==> flow/design.v <==
module mult #(
  parameter WD = 8,
  parameter WAYS = 12,
  parameter RES_W = 2*WD + $clog2(WAYS)
) (
  input wire aclk,
  input wire rst_n,
  input wire [WAYS*WD-1:0] rs1,
  input wire [WAYS*WD-1:0] rs2,
  output reg [RES_W-1:0] out
);
  reg [WAYS*WD-1:0] rs1_s;
  always @(posedge aclk or negedge rst_n) begin
    if (!rst_n) begin
      rs1_s <= 0;
    end else begin
      rs1_s <= rs1;
    end
  end
  reg [WAYS*WD-1:0] rs2_s;
  always @(posedge aclk or negedge rst_n) begin
    if (!rst_n) begin
      rs2_s <= 0;
    end else begin
      rs2_s <= rs2;
    end
  end
  reg [RES_W-1:0] t;
  integer idx;
  always @(*) begin
    t = 0;
    for (idx = 0; idx < WAYS; idx = idx + 1)
      t = t + rs1_s[idx*WD +: WD] * rs2_s[idx*WD +: WD];
  end
  always @(posedge aclk or negedge rst_n) begin
    if (!rst_n) begin
      out <= 0;
    end else begin
      out <= t;
    end
  end
endmodule
# == Reports on mult ==
# The steps from the RTL of mult to its reports follow in flow order.
# Lines are those of the file above, counted from 1.
# Operators carry their Yosys type and port widths (W data, S select, Z words).
# Cell names lack the library's common part.
# Not given: n/a
# inputs
top,mult
clock,aclk
lib,sky130hd
lib_corner,tt_025C_1v80

# == Word level ==
# Counts by Yosys on the flattened word-level netlist (proc, flatten, opt, wreduce; memories kept). Register bits leave out memories and registers merged into their read ports (data or address); mux counts leave out enables and synchronous resets folded into registers. Print and check cells are left out. Cells with the same type and inputs are merged into one.
# op_classes
addsub,11
mul,12
# op_table
operator,count
$mul A8 B8 Y16,12
$add A20 B16 Y20,7
$add A19 B16 Y20,1
$add A18 B16 Y19,1
$add A17 B16 Y18,1
$add A16 B16 Y17,1
# word_totals
register_bits,212
in_bits,194
word_cells,26

# == Logic depth ==
# Yosys ltp: most cells in a row. Word level: on the elaborated netlist, between registers, memories and ports. Mapped: between sequential cells and ports; inverters and the memories' decode and read muxes count.
# logic_depth
ltp_word,12
ABC_AREA,1
ltp_mapped,32
mapped_depth_nobuf,31

# == Synthesis result ==
# Yosys stat after the flow's synthesis: flattened, memories mapped to cells. It holds for the ABC_AREA given above (unset counts as 0); a run with the other value may have another netlist.
# mapped
area_um2,34072.7
buf_cells,192
ffs,212
cell_count,3857
# by_type
cell_type,count
fa_1,734
inv_1,1463
dfrtp_1,212
ha_1,344
nand2_1,860
clkbuf_1,192
a21oi_1,9
nand3_1,9
xnor2_1,5
nor3_2,4
xor2_1,4
nand2_2,5
nor2_1,7
nand3_2,2
or2_4,1
inv_2,2
nand3b_1,1
nand2b_1,1
# Other cell types: 2; their cells: 2.

# == Path before layout ==
# Source: OpenSTA report_checks on the synthesized netlist (no wires, ideal clock, input and output delay 20% of the period each), path of least setup slack; recovery checks are left aside. Register names are those of the netlist, which keeps one name where synthesis merged equal registers.
# synth_timing
path_kind,flip-flop to flip-flop
startpoint,register rs1_s[87]
endpoint,register out[19]
path_stages,30
required_ns,9.564
delay_ns,7.359
arrival_time_ns,7.243
n_path_buf,1
setup_ns,0.116
setup_slack_ns,2.321
tclk_ns,9.68
synth_period_reached_ns,7.359
# "delay_ns" is the arrival time less input delay plus setup time.
# "path_stages": output pins that drive a net of the path, with the launching flip-flop's if there is one; two outputs of one cell count as two.
# "synth_period_reached_ns" = period - worst setup slack (recovery checks aside). The figure is calculated, with input and output delays left at 20% of the set period.
# Between the ends stands the longest chain of elaborated cells between them, by number of cells; it is not shown to be the way that was timed. Of several equally long chains one is given.
# A line is the first line of the expression or statement that the cell stems from. Yosys adds cells for indexed reads and writes and turns some case tables into memories.
# synth_via
cell_sequence,dfrtp_1 clkbuf_1 nand2_1 inv_1 fa_1 inv_1 fa_1 inv_1 fa_1 fa_1 inv_1 fa_1 fa_1 fa_1 inv_1 fa_1 fa_1 fa_1 inv_1 fa_1 inv_1 ha_1 nand2_1 inv_1 a21oi_1 nand2_2 nand2_1 nand2_1 nand2_1 nand2_1
elab_chain_len,3
cone_cells,3
cone_lines,1
# synth_rtl
item,line_no,rtl
start: declaration,12,reg [WAYS*WD-1:0] rs1_s;
start: assignment,15,rs1_s <= 0;
start: assignment,17,rs1_s <= rs1;
$mul A8 B8 Y16,33,t = t + rs1_s[idx*WD +: WD] * rs2_s[idx*WD +: WD];
$add A20 B16 Y20 x2,33,
end: assignment,37,out <= 0;
end: assignment,39,out <= t;
end: declaration,10,output reg [RES_W-1:0] out

# == Worst path after layout ==
# From the final timing report of record 1: the path of least setup slack in the routed layout; clock arrival at registers is part of the times.
# layout_timing
path_kind,flip-flop to flip-flop
startpoint,register rs1_s[27]
endpoint,register out[15]
required_ns,10.29
n_path_buf,1
setup_ns,0.11
arrival_time_ns,7.97
setup_slack_ns,2.32
path_stages,26
tclk_ns,9.79
# Between the ends stands the longest chain of elaborated cells between them, by number of cells; it is not shown to be the way that was timed. Of several equally long chains one is given.
# layout_via
cell_sequence,dfrtp_2 buf_6 nand2_2 inv_2 fa_1 fa_2 inv_2 fa_2 inv_1 fa_2 fa_2 fa_2 fa_1 fa_2 fa_1 fa_1 fa_1 ha_4 nand2_1 nand2_1 a21oi_2 nand2_4 nand2_2 nand2_1 nand2_1 nand2_1
elab_chain_len,10
cone_cells,10
cone_lines,1
# layout_rtl
item,line_no,rtl
start: declaration,12,reg [WAYS*WD-1:0] rs1_s;
start: assignment,15,rs1_s <= 0;
start: assignment,17,rs1_s <= rs1;
$mul A8 B8 Y16,33,t = t + rs1_s[idx*WD +: WD] * rs2_s[idx*WD +: WD];
$add A18 B16 Y19,33,
$add A19 B16 Y20,33,
$add A20 B16 Y20 x7,33,
end: assignment,37,out <= 0;
end: assignment,39,out <= t;
end: declaration,10,output reg [RES_W-1:0] out

# Stored flow runs of mult (3 of them; Yosys, OpenROAD, sky130hd). They differ in their settings and are not a sequence. Constraints: input delay and output delay 20% of the set period each, output load 0.01 pF.
# "achieved_clock_period_ns": clock period set for the run, less the worst setup slack. It is reckoned from that one timing run; input and output delays stay at 20% of the period that was set.
# By "worst_path_allowed_less_slack_ns" is meant the share of the clock period that the worst setup path is allowed (20% is reserved at inputs, 20% at outputs), minus its slack. Clock arrival times at its registers enter into it.
# A setting shown as - is not set for that run.
item,record 1,record 2,record 3
period_ns,9.79,9.68,6.87
CORE_UTILIZATION,23,40,23
SETUP_SLACK_MARGIN,2.48,-,-0.32
PLACE_DENSITY_LB_ADDON,0.23,-,0.27
HOLD_SLACK_MARGIN,0.08,-,-
ABC_AREA,1,-,-
GPL_TIMING_DRIVEN,1,-,1
SLEW_MARGIN,20,20,35
MAX_ROUTING_LAYER,met4,-,met4
CAP_MARGIN,20,20,25
CORE_MARGIN,2,2,2
CORE_ASPECT_RATIO,-,-,1.75
GPL_ROUTABILITY_DRIVEN,-,-,1
synth_area_um2,34072.7,32545.0,32545.0
die_area_um2,151235.0,83659.8,144645.0
finish.stdcell_area_um2,40840.4,36964.2,40806.6
utilization_pct,27.7,45.9,29.0
setup_ws_ns,2.316,1.485,-1.094
tns_ns,0.000,0.000,-13.311
achieved_clock_period_ns,7.474,8.195,7.964
worst_path_allowed_less_slack_ns,7.47,8.20,7.96
path_kind,flip-flop to flip-flop,flip-flop to flip-flop,flip-flop to flip-flop
